==> flow/design.v <==
module sum_block_stage #(
    parameter int DATA_WIDTH = 8
) (
    input logic i_clk,
    input logic rst_ni,
    input logic clk_en,
    input logic [DATA_WIDTH-1:0] A,
    input logic [DATA_WIDTH-1:0] B,
    input logic [DATA_WIDTH-1:0] C,
    output logic [DATA_WIDTH+1:0] s
);
    logic [DATA_WIDTH-1:0] A_q;
    logic [DATA_WIDTH-1:0] B_q;
    logic [DATA_WIDTH-1:0] C_q;
    always_ff @(posedge i_clk or negedge rst_ni) begin
        if (~rst_ni) begin
            A_q <= '0;
            B_q <= '0;
            C_q <= '0;
            s <= '0;
        end else if (clk_en) begin
            A_q <= A;
            B_q <= B;
            C_q <= C;
            s <= A_q + B_q + C_q;
        end
    end
endmodule
# Step by step through the tools: sum_block_stage
# What the tools print for sum_block_stage, step after step.
# Line numbers count from 1 in the design file above.
# Cell names lack the library's common part.
# Not given: --
# setup
top_module	sum_block_stage
clk_port	i_clk
cell_library	sky130hd
lib_corner	tt_025C_1v80

# Word level
# Source: Yosys, flattened and elaborated, memories not mapped. Widths are those after wreduce; folded enables and synchronous resets count as part of the registers. Registers that Yosys merges into a memory's read port (data or address) are not register bits. Print and check cells do not count. Equal cells are merged and count once.
# op_classes
addsub	2
# op_table
cell	n
9-bit by 8-bit adder with 10-bit output	1
8-bit by 8-bit adder with 9-bit output	1
# word_totals
output_inout_bits	10
in_bits	27
ff_bits	34

# Longest topological paths
# Depth = most cells in a row (Yosys ltp): at word level without a register or memory, in the mapped netlist without a sequential cell, where the memories' decode and read muxes count.
# logic_depth
depth_word	2
ABC_AREA	0
mapped_depth	9

# Mapped cells and area
# The flow's flattened synthesis, as Yosys stat reports it; memories are mapped. The netlist is that of the ABC_AREA named above (0 if unset); the other value can give another one.
# mapped
buffers	5
mapped_cells	142
ffs	34
synth_area_um2	1764.2
# types
cell_type	n	type_area_um2
dfrtp_1	34	850.816
fa_1	9	180.173
mux2_2	16	180.173
ha_1	7	87.584
inv_1	14	52.55
mux2_1	4	45.043
o21ai_0	9	45.043
nand2_1	8	30.029
a211oi_2	2	25.024
buf_2	5	25.024
a21o_1	3	22.522
mux2i_1	2	20.019
o22ai_1	3	18.768
o311ai_2	1	16.266
a211oi_1	2	15.014
nor2b_1	2	12.512
nor2_1	3	11.261
a21oi_1	2	10.01
# Other cell types: 14; their cells: 16.

# Worst setup path after synthesis
# OpenSTA on the mapped netlist: ideal clock, no wires. The path of least setup slack (recovery checks aside). Input and output delay are each 20% of the period. Register names are those of the netlist, which keeps one name where synthesis merged equal registers.
# synth_path
path_type	register to register
from	register A_q[1]
to	register s[7]
t_arrival_ns	2.225
path_delay_ns	2.293
driving_pins	8
t_first_pin_ns	0.000
setup_ns	0.068
path_slack_ns	0.577
tclk_ns	2.87
synth_period_reached_ns	2.293
# "path_delay_ns" = arrival - input delay + setup time.
# "driving_pins" counts driving pins, that of a launching flip-flop among them; a cell with two outputs on the path counts twice.
# "synth_period_reached_ns" = period - worst setup slack (recovery checks aside). The figure is calculated, with input and output delays left at 20% of the set period.
# Between the ends stands the longest chain of elaborated cells between them, by number of cells; it is not shown to be the way that was timed. Of several equally long chains one is given.
# A line is the first line of the expression or statement that the cell stems from. Yosys adds cells for indexed reads and writes and turns some case tables into memories.
# synth_via
cell_sequence	dfrtp_1 fa_1 ha_1 fa_1 a211oi_2 o21bai_1 a211o_1 nand3_1
elab_chain_len	2
cells_between	2
cone_lines	1
# synth_lines
element	line_no	rtl
from (decl)	12	logic [DATA_WIDTH-1:0] A_q;
from (assign)	17	A_q <= '0;
from (assign)	22	A_q <= A;
8-bit by 8-bit adder with 9-bit output	25	s <= A_q + B_q + C_q;
9-bit by 8-bit adder with 10-bit output	25
to (assign)	20	s <= '0;
to (assign)	25
to (decl)	10	output logic [DATA_WIDTH+1:0] s

# Timing after layout
# Path of least setup slack in the final report of flow run A (OpenROAD, finished layout, wires in). Where an end is a register, its clock arrival counts in the times.
# layout_path
path_type	register to register
from	register A_q[1]
to	register s[7]
t_first_pin_ns	0.27
setup_ns	0.06
tclk_ns	3.71
driving_pins	8
path_slack_ns	1.26
t_arrival_ns	2.66
# Between the ends stands the longest chain of elaborated cells between them, by number of cells; it is not shown to be the way that was timed. Of several equally long chains one is given.
# layout_via
cell_sequence	dfrtp_1 fa_1 ha_1 fa_1 a211oi_2 o21bai_1 a211o_1 nand3_1
elab_chain_len	2
cells_between	2
cone_lines	1
# layout_lines
element	line_no	rtl
from (decl)	12	logic [DATA_WIDTH-1:0] A_q;
from (assign)	17	A_q <= '0;
from (assign)	22	A_q <= A;
8-bit by 8-bit adder with 9-bit output	25	s <= A_q + B_q + C_q;
9-bit by 8-bit adder with 10-bit output	25
to (assign)	20	s <= '0;
to (assign)	25
to (decl)	10	output logic [DATA_WIDTH+1:0] s

# Flow measurements of sum_block_stage on sky130hd: 3 stored runs with different settings, listed in no order. Input and output delays are each 20% of the period that was set; the output load is 0.01 pF.
# "worst_path_allowed_less_slack_ns" means the part of the period allowed to the worst setup path (the constraints hold back 20% at inputs and 20% at outputs) less its slack; where the path has registers, the arrival times of their clocks count too.
# Settings: -- = not set for that run.
run name	period_ns	CORE_UTILIZATION	SETUP_SLACK_MARGIN	PLACE_DENSITY	CELL_PAD_IN_SITES_GLOBAL_PLACEMENT	CTS_CLUSTER_DIAMETER	CAP_MARGIN	MIN_ROUTING_LAYER	CORE_MARGIN	SLEW_MARGIN	PLACE_DENSITY_LB_ADDON	GPL_TIMING_DRIVEN	GPL_ROUTABILITY_DRIVEN	MAX_ROUTING_LAYER	tns_setup_ns	timing.setup.ws_ns	post_route_util_frac	synth_area_um2	worst_path_allowed_less_slack_ns	path_kind	total_die_area_um2	finalCellArea_um2
flow run A	3.71	15	0.47	0.56	0	347	30	met2	2	20	--	--	--	--	0.000	1.265	0.213	1764.2	2.45	register to register	12645.0	2447.3
flow run B	2.19	54	0.48	--	--	326	20	met2	10	20	0.18	0	0	met5	-0.260	-0.100	0.77	1764.2	2.29	register to register	5952.9	2369.8
flow run C	2.87	40	--	--	--	--	20	--	2	20	--	--	--	--	0.000	0.457	0.524	1764.2	2.41	register to register	4957.6	2250.9
